==> flow/design.v <==
module sync_mpy_mod #(
    parameter NBITS = 6
) (
    input  sys_clk,
    input  [NBITS-1:0] dataa,
    input  [NBITS-1:0] datab,
    input  clear,
    output [2*NBITS-1:0] q,
    output ready
);
    reg [NBITS-1:0] dataa_ff;
    reg [NBITS-1:0] datab_ff;
    reg clear_ff;
    localparam SW = $clog2(NBITS + 1);
    reg [NBITS-1:0] mcand;
    reg [SW-1:0] ctr;
    reg [2*NBITS-1:0] state;
    wire [NBITS:0] nxt;
    assign nxt = state[2*NBITS-1:NBITS] + (state[0] ? mcand : {NBITS{1'b0}});
    assign q = state;
    assign ready = (ctr == 0);
    always @(posedge sys_clk) begin
        dataa_ff <= dataa;
        datab_ff <= datab;
        clear_ff <= clear;
        mcand <= clear_ff ? dataa_ff : mcand;
        ctr <= clear_ff ? NBITS : (ctr != 0) ? ctr - 1'b1 : ctr;
        state <= clear_ff ? {{NBITS{1'b0}}, datab_ff} : (ctr != 0) ? {nxt, state[NBITS-1:1]} : state;
    end
endmodule
# ---- Reports on sync_mpy_mod
# The steps from the RTL of sync_mpy_mod to its reports follow in flow order.
# Line numbers count from 1 in the design file above.
# Cell names lack the library's common part.
# Not given: -
dict set report setup {
  top {sync_mpy_mod}
  clock_port {sys_clk}
  lib {sky130hd}
  lib_corner {tt_025C_1v80}
}

# ---- Word level
# Source: Yosys, flattened and elaborated, memories not mapped. Widths are those after wreduce. Registers that Yosys merges into a memory's read port (data or address) are not register bits. Print and check cells do not count. Equal cells are merged and count once.
dict set report bits {
  out_inout_bits 13
  elab_cells 15
  n_memories 0
  romBits 0
  ramBits 0
  register_bits 34
  in_bits 14
  latchBits 0
  clocked_rd_ports_x_width 0
}
dict set report classes {
  cmp 0
  multipliers 0
  bitwise 0
  div 0
  mux 3
  addsub 2
  n_reduce_logical 3
  equal 0
  shifts 0
}
# cell n
set ops {}
lappend ops {{6-bit 2-to-1 mux} 3}
lappend ops {{6-bit by 6-bit adder with 7-bit output} 1}
lappend ops {{3-bit by 1-bit subtractor with 3-bit output with constant B} 1}
lappend ops {{3-bit zero test} 1}
lappend ops {{3-bit nonzero test} 1}
lappend ops {{2-bit nonzero test} 1}

# ---- Longest topological paths
# Longest topological path by Yosys (ltp), each cell counted once; first at word level (registers and memories cut), then after technology mapping (sequential cells cut; the memories' decode and read muxes count).
dict set report depth {
  word_depth 4
  abc_area 0
  mapped_depth 8
  depth_no_buf 8
}

# ---- Mapped cells and area
# Source: synth_stat.txt of the flow (Yosys; design flattened, memories mapped). It holds for the ABC_AREA given above (unset counts as 0); a run with the other value may have another netlist.
# Totals and module areas in this step are rounded.
dict set report mapped {
  area_um2 1300
  stdcells 106
  ffs 34
  seqArea_um2 800
  buf_cells 3
}
# type n type_area_um2
set by_type {}
lappend by_type {dfxtp_1 22 440.422}
lappend by_type {edfxtp_1 12 360.346}
lappend by_type {ha_1 8 100.096}
lappend by_type {mux2_2 6 67.565}
lappend by_type {nor2_1 9 33.782}
lappend by_type {and2_1 5 31.28}
lappend by_type {nand2b_1 5 31.28}
lappend by_type {a21oi_1 6 30.029}
lappend by_type {a211oi_2 2 25.024}
lappend by_type {inv_1 6 22.522}
lappend by_type {fa_1 1 20.019}
lappend by_type {o21ai_0 4 20.019}
lappend by_type {nand2_1 5 18.768}
lappend by_type {xnor2_1 2 17.517}
lappend by_type {a211oi_1 2 15.014}
lappend by_type {o31ai_2 1 12.512}
lappend by_type {o41ai_1 1 8.758}
lappend by_type {buf_4 1 7.507}
# Not listed: further types 8, cells in them 8.

# ---- Timing after synthesis
# OpenSTA on the mapped netlist: ideal clock, no wires. The path of least setup slack (recovery checks aside). Input and output delay are each 20% of the period. Register names are those of the netlist, which keeps one name where synthesis merged equal registers.
dict set report synth_timing {
  kind {reg-to-reg}
  start {reg state[0]}
  end {reg state[11]}
  stages 9
  required_ns 2.214
  period_ns 2.3
  arrival_time_ns 1.751
  slack_ns 0.464
  setup_time_ns 0.086
  delay_ns 1.837
  t_first_pin_ns 0.000
  n_path_buf 0
  period_less_setup_slack_ns 1.836
}
# "delay_ns" is the arrival time less input delay plus setup time.
# "stages" counts driving pins, that of a launching flip-flop among them; a cell with two outputs on the path counts twice.
# "period_less_setup_slack_ns" is the clock period less the worst setup slack; recovery checks do not enter. This is arithmetic on one report: input and output delays are still those of the set period (20% each).
# The rows between start and end are the longest chain of elaborated cells between them; the timing report does not say that the signal goes this way. Where chains are equally long, one stands for them.
# A line is the first line of the expression or statement that the cell stems from. Yosys adds cells for indexed reads and writes and turns some case tables into memories.
dict set report synth_between {
  cell_sequence {edfxtp_1 and2_1 ha_1 inv_1 fa_1 nand2b_1 a21oi_1 o21ai_0 a211oi_1}
  elab_chain_len 2
  cells_between 2
  cone_lines 1
  cone_classes {add/sub: 1; mux: 1}
}
# item line_no
set synth_rtl {}
lappend synth_rtl {{start, declared} 17} ;# reg [2*NBITS-1:0] state;
lappend synth_rtl {{start, assigned} 28} ;# state <= clear_ff ? {{NBITS{1'b0}}, datab_ff} : (ctr != 0) ? {nxt, state[NBITS-1:1]} : state;
lappend synth_rtl {{6-bit 2-to-1 mux} 19} ;# assign nxt = state[2*NBITS-1:NBITS] + (state[0] ? mcand : {NBITS{1'b0}});
lappend synth_rtl {{6-bit by 6-bit adder with 7-bit output} 19}
lappend synth_rtl {{end, assigned} 28}
lappend synth_rtl {{end, declared} 17}

# ---- Timing after layout
# From the final timing report of flow run 1: the path of least setup slack in the routed layout; clock arrival at registers is part of the times.
dict set report layout_timing {
  kind {reg-to-reg}
  start {reg state[0]}
  end {reg state[11]}
  n_path_buf 0
  t_first_pin_ns 0.32
  setup_time_ns 0.07
  required_ns 2.55
  stages 9
  arrival_time_ns 2.18
  period_ns 2.3
  slack_ns 0.37
}
# The rows between start and end are the longest chain of elaborated cells between them; the timing report does not say that the signal goes this way. Where chains are equally long, one stands for them.
dict set report layout_between {
  cell_sequence {edfxtp_1 and2_1 ha_1 inv_1 fa_1 nand2b_1 a21oi_1 o21ai_0 a211oi_1}
  elab_chain_len 2
  cells_between 2
  cone_lines 1
  cone_classes {add/sub: 1; mux: 1}
}
# item line_no
set layout_rtl {}
lappend layout_rtl {{start, declared} 17} ;# reg [2*NBITS-1:0] state;
lappend layout_rtl {{start, assigned} 28} ;# state <= clear_ff ? {{NBITS{1'b0}}, datab_ff} : (ctr != 0) ? {nxt, state[NBITS-1:1]} : state;
lappend layout_rtl {{6-bit 2-to-1 mux} 19} ;# assign nxt = state[2*NBITS-1:NBITS] + (state[0] ? mcand : {NBITS{1'b0}});
lappend layout_rtl {{6-bit by 6-bit adder with 7-bit output} 19}
lappend layout_rtl {{end, assigned} 28}
lappend layout_rtl {{end, declared} 17}

Wiki page: sync_mpy_mod / flow data

Record of 3 stored runs of the RTL-to-layout flow on sync_mpy_mod, platform sky130hd. The runs are unordered. Constraints: input delay and output delay 20% of the set period each, output load 0.01 pF.
"achieved_period_ns" = clock period - worst setup slack. The figure is calculated, with input and output delays left at 20% of the set period.
"critical_path_time_ns" = time allowed to the worst setup path (clock period - input delay - output delay, where it has them) - its slack; a late launch clock adds to it, a late capture clock takes from it.
By "final_power_mw" is meant OpenSTA's value without simulated activity: inputs other than the clock are taken to toggle once in ten clock periods, and the tool carries that through the logic.
The results are shown rounded.

# flow run 1
==> flow/run.sh <==
#!/bin/bash
# the make line also repeats the synthesis and layout settings of config.mk as NAME=value (left out here)
make -C /OpenROAD-flow-scripts/flow DESIGN_CONFIG=/design/flow/config.mk WORK_HOME=/design/flow/orfs CLKGATE_MAP_FILE= finish
==> flow/config.mk <==
export PLATFORM = sky130hd
export DESIGN_NAME = sync_mpy_mod
export DESIGN_NICKNAME = sync_mpy_mod
export VERILOG_FILES = /design/flow/design.v
export SDC_FILE = /design/flow/constraint.sdc
export NUM_CORES = 4
export LEC_CHECK = 0
export CAP_MARGIN = 20
export CORE_MARGIN = 2
export CORE_UTILIZATION = 40
export SLEW_MARGIN = 20
==> flow/constraint.sdc <==
create_clock -name core_clock -period 2.3 [get_ports {sys_clk}]
set_input_delay 0.4600 -clock core_clock [delete_from_list [all_inputs] [get_ports {sys_clk}]]
set_output_delay 0.4600 -clock core_clock [all_outputs]
set_load 0.01 [all_outputs]

==> flow run 1: results <==
final_die_area_um2=3700
total_negative_slack_ns=0.000
final_power_mw=1.3
achieved_period_ns=1.930
finalCellArea_um2=1700
ws_hold_ns=0.41
setup_worst_slack_ns=0.37
synthArea_um2=1300
post_route_util_pct=55
critical_path_time_ns=1.93
worst_path_kind="reg-to-reg"

# flow run 2
==> flow/run.sh <==
#!/bin/bash
# the make line also repeats the synthesis and layout settings of config.mk as NAME=value (left out here)
make -C /OpenROAD-flow-scripts/flow DESIGN_CONFIG=/design/flow/config.mk WORK_HOME=/design/flow/orfs CLKGATE_MAP_FILE= finish
==> flow/config.mk <==
export PLATFORM = sky130hd
export DESIGN_NAME = sync_mpy_mod
export DESIGN_NICKNAME = sync_mpy_mod
export VERILOG_FILES = /design/flow/design.v
export SDC_FILE = /design/flow/constraint.sdc
export NUM_CORES = 4
export LEC_CHECK = 0
export CAP_MARGIN = 20
export CELL_PAD_IN_SITES_GLOBAL_PLACEMENT = 2
export CORE_ASPECT_RATIO = 0.5
export CORE_MARGIN = 3
export CORE_UTILIZATION = 72
export PLACE_DENSITY = 0.84
export SETUP_SLACK_MARGIN = 0.06
export SLEW_MARGIN = 20
==> flow/constraint.sdc <==
create_clock -name core_clock -period 1.71 [get_ports {sys_clk}]
set_input_delay 0.3420 -clock core_clock [delete_from_list [all_inputs] [get_ports {sys_clk}]]
set_output_delay 0.3420 -clock core_clock [all_outputs]
set_load 0.01 [all_outputs]

==> flow run 2: results <==
outcome="no final report: floorplanning broke off with PDN-0185"

# flow run 3
==> flow/run.sh <==
#!/bin/bash
# the make line also repeats the synthesis and layout settings of config.mk as NAME=value (left out here)
make -C /OpenROAD-flow-scripts/flow DESIGN_CONFIG=/design/flow/config.mk WORK_HOME=/design/flow/orfs CLKGATE_MAP_FILE= finish
==> flow/config.mk <==
export PLATFORM = sky130hd
export DESIGN_NAME = sync_mpy_mod
export DESIGN_NICKNAME = sync_mpy_mod
export VERILOG_FILES = /design/flow/design.v
export SDC_FILE = /design/flow/constraint.sdc
export NUM_CORES = 4
export LEC_CHECK = 0
export ABC_AREA = 0
export CAP_MARGIN = 20
export CORE_MARGIN = 2
export CORE_UTILIZATION = 59
export HOLD_SLACK_MARGIN = -0.08
export SETUP_SLACK_MARGIN = -0.24
export SLEW_MARGIN = 20
==> flow/constraint.sdc <==
create_clock -name core_clock -period 2.74 [get_ports {sys_clk}]
set_input_delay 0.5480 -clock core_clock [delete_from_list [all_inputs] [get_ports {sys_clk}]]
set_output_delay 0.5480 -clock core_clock [all_outputs]
set_load 0.01 [all_outputs]

==> flow run 3: results <==
final_power_mw=1.1
setup_worst_slack_ns=0.30
post_route_util_pct=77
ws_hold_ns=0.42
critical_path_time_ns=1.89
worst_path_kind="reg-to-output"
finalCellArea_um2=1700
total_negative_slack_ns=0.000
final_die_area_um2=2600
synthArea_um2=1300
achieved_period_ns=2.442
